==> flow/design.v <==
module gen_chooser_v2 #(
  parameter integer XLEN = 6,
  parameter integer WAYS = 7,
  parameter integer LOGN = $clog2(WAYS)
) (
  input  CLK,
  input  [WAYS*XLEN-1:0] src,
  input  [LOGN-1:0] select,
  output [XLEN-1:0] result
);
  reg [WAYS*XLEN-1:0] r_src;
  reg [LOGN-1:0] r_select;
  reg [XLEN-1:0] nxt;
  integer i;
  always @(*) begin
    nxt = 0;
    for (i = 0; i < WAYS; i = i + 1)
      if (r_select == i) nxt = r_src[i*XLEN +: XLEN];
  end
  reg [XLEN-1:0] r_result;
  assign result = r_result;
  always @(posedge CLK) begin
    r_src <= src;
    r_select <= select;
    r_result <= nxt;
  end
endmodule
-- Step by step through the tools: gen_chooser_v2
What the tools print for gen_chooser_v2, step after step.
Lines are those of the file above, counted from 1.
Operators: Yosys type, input widths -> output width; for muxes data width and select width s.
Cell names lack the library's common part.
Not given: --
- design top: gen_chooser_v2
- clock port: CLK
- library: sky130hd
- library corner: tt_025C_1v80

-- Word level
Yosys after proc, flatten, opt, wreduce and memory -nomap, before mapping. Enables and synchronous resets that opt folds into registers are not counted as muxes. Memory bits, and registers merged into a memory's read port (data or address), are not among the register bits. Print and check cells are not counted. Equal cells are merged and count once.
- noted shift operators: 0
- multiplexer cells at 7
- reduce/logical cells at 1
- $lt $le $gt $ge: 0
- add/subtract/negate cells: 0
- noted divide/modulo/power cells: 0
- equality and inequality tests: 6
- noted $mul: 0
- bitwise logic cells at 0
- operators by type and width (operator ; number):
    $mux 6 ; 7
    $eq 3x3->1 const B ; 3
    $eq 3x2->1 const B ; 2
    $eq 3x1->1 const B ; 1
    $logic_not 3->1 ; 1
- word width x clocked read ports at 0
- noted memory cells: 0
- noted flip-flop bits (word level): 51
- latch bits: 0
- noted word-level cells: 17
- noted bits in writable memories: 0
- output and inout bits at 6
- input bits: 46
- noted bits in read-only memories: 0

-- Depth
Depth = most cells in a row (Yosys ltp): at word level without a register or memory, in the mapped netlist without a sequential cell, where the memories' decode and read muxes count.
- depth after elaboration: 8
- ABC_AREA at 0
- noted mapped depth: 5
- depth with buffers taken out at 3

-- Mapped cells and area
Source: synth_stat.txt of the flow (Yosys; design flattened, memories mapped). It holds for the ABC_AREA given above (unset counts as 0); a run with the other value may have another netlist.
- buffer cells at 6
- mapped flip-flops: 51
- sequential area: 1021.0 sq um
- mapped area at 1457.6 sq um
- cell count: 104
- cell types (cell ; number ; total area (sq um)):
    dfxtp_1 ; 51 ; 1.02E+03
    mux2i_1 ; 6 ; 60.058
    mux2_2 ; 5 ; 56.304
    nand3b_1 ; 7 ; 52.55
    o211a_1 ; 5 ; 50.048
    a2111oi_0 ; 5 ; 43.792
    nor2b_1 ; 5 ; 31.28
    o22ai_1 ; 5 ; 31.28
    nor3_1 ; 5 ; 25.024
    buf_6 ; 2 ; 22.522
    mux4_2 ; 1 ; 22.522
    buf_4 ; 1 ; 7.507
    clkbuf_1 ; 2 ; 7.507
    o211ai_1 ; 1 ; 7.507
    o21a_1 ; 1 ; 7.507
    nand2b_1 ; 1 ; 6.256
    buf_2 ; 1 ; 5.005

-- Worst setup path after synthesis
Source: OpenSTA report_checks on the synthesized netlist (no wires, ideal clock, input and output delay 20% of the period each), path of least setup slack; recovery checks are left aside. Register names are those of the netlist, which keeps one name where synthesis merged equal registers.
- path type: register to register
- start point: register r_select[0]
- end point: register r_result[4]
- noted slack: 0.304 ns
- time at the first pin at 0.000 ns
- buffers on the path at 1
- period at 1.51 ns
- data required time at 1.395 ns
- stages: 4
- library setup time: 0.115 ns
- arrival at 1.091 ns
- noted path delay: 1.206 ns
- synthesis period reached at 1.206 ns
"path delay" is the arrival time less input delay plus setup time.
"stages": output pins that drive a net of the path, with the launching flip-flop's if there is one; two outputs of one cell count as two.
"synthesis period reached" is the clock period less the worst setup slack; recovery checks do not enter. This is arithmetic on one report: input and output delays are still those of the set period (20% each).
Between the ends stands the longest chain of elaborated cells between them, by number of cells; it is not shown to be the way that was timed. Of several equally long chains one is given.
A line is the first line of the expression or statement that the cell stems from. Yosys adds cells for indexed reads and writes and turns some case tables into memories.
- cells stage by stage: dfxtp_1 > buf_6 > mux4_2 > o21a_1
- cells in the longest elaborated chain at 8
- elaborated cells between the ends (all ways) at 14
- noted RTL lines with such cells: 1
- classes of those cells: eq/ne (6); mux (7); reduce/logical (1)
- RTL lines, path after synthesis (what ; RTL line ; RTL):
    start: declaration ; 12 ; reg [LOGN-1:0] r_select;
    start: assignment ; 24 ; r_select <= select;
    $logic_not 3->1 ; 18 ; if (r_select == i) nxt = r_src[i*XLEN +: XLEN];
    $mux 6 x7 ; 18 ;
    end: assignment ; 25 ; r_result <= nxt;
    end: declaration ; 20 ; reg [XLEN-1:0] r_result;

-- Worst path after layout
Path of least setup slack in the final report of stored run 1 (OpenROAD, finished layout, wires in). Where an end is a register, its clock arrival counts in the times.
- path type: register to register
- start point: register r_select[0]
- end point: register r_result[5]
- stages: 5
- library setup time: 0.11 ns
- period at 1.51 ns
- arrival at 1.56 ns
- time at the first pin at 0.35 ns
- noted slack: 0.20 ns
- buffers on the path at 1
- data required time at 1.76 ns
Between the ends stands the longest chain of elaborated cells between them, by number of cells; it is not shown to be the way that was timed. Of several equally long chains one is given.
- cells stage by stage: dfxtp_1 > buf_4 > nor2b_1 > a2111oi_0 > nor3_1
- cells in the longest elaborated chain at 8
- elaborated cells between the ends (all ways) at 14
- noted RTL lines with such cells: 1
- classes of those cells: eq/ne (6); mux (7); reduce/logical (1)
- RTL lines, path post-layout (what ; RTL line ; RTL):
    start: declaration ; 12 ; reg [LOGN-1:0] r_select;
    start: assignment ; 24 ; r_select <= select;
    $logic_not 3->1 ; 18 ; if (r_select == i) nxt = r_src[i*XLEN +: XLEN];
    $mux 6 x7 ; 18 ;
    end: assignment ; 25 ; r_result <= nxt;
    end: declaration ; 20 ; reg [XLEN-1:0] r_result;

Stored flow runs of gen_chooser_v2 (3 of them; Yosys, OpenROAD, sky130hd). They differ in their settings and are not a sequence. Constraints: input delay and output delay 20% of the set period each, output load 0.01 pF.
By "overall power" is meant OpenSTA's value without simulated activity: inputs other than the clock are taken to toggle once in ten clock periods, and the tool carries that through the logic.

Stored run 1
Settings were period_ns = 1.51; CAP_MARGIN = 20; CORE_MARGIN = 2; CORE_UTILIZATION = 40; SLEW_MARGIN = 20
- die area at 4142.9 sq um
- noted the synthesized cell area: 1457.6 sq um
- overall power: 2.457 mW
- setup slack of the worst path: 0.199 ns
- utilization of the finished layout: 61.3 %
- final worst hold slack at 0.363 ns

Stored run 2
Settings were period_ns = 1.07; CORE_UTILIZATION = 28; PLACE_DENSITY_LB_ADDON = 0.1; CORE_MARGIN = 4; CELL_PAD_IN_SITES_DETAIL_PLACEMENT = 0; TNS_END_PERCENT = 50; GPL_TIMING_DRIVEN = 0; CTS_CLUSTER_SIZE = 59; CTS_CLUSTER_DIAMETER = 301; CAP_MARGIN = 0; SLEW_MARGIN = 10; MAX_ROUTING_LAYER = met5
- die area at 6424.0 sq um
- noted the synthesized cell area: 1457.6 sq um
- overall power: 3.520 mW
- setup slack of the worst path: -0.179 ns
- utilization of the finished layout: 46.4 %
- final worst hold slack at 0.349 ns

Stored run 3
Settings were period_ns = 1.29; CORE_UTILIZATION = 20; PLACE_DENSITY_LB_ADDON = 0.05; CELL_PAD_IN_SITES_DETAIL_PLACEMENT = 0; GPL_TIMING_DRIVEN = 1; CTS_CLUSTER_SIZE = 15; MAX_ROUTING_LAYER = met4; CAP_MARGIN = 20; CORE_MARGIN = 2; SLEW_MARGIN = 20
- die area at 7987.0 sq um
- noted the synthesized cell area: 1457.6 sq um
- overall power: 3.147 mW
- setup slack of the worst path: 0.046 ns
- utilization of the finished layout: 31.8 %
- final worst hold slack at 0.392 ns
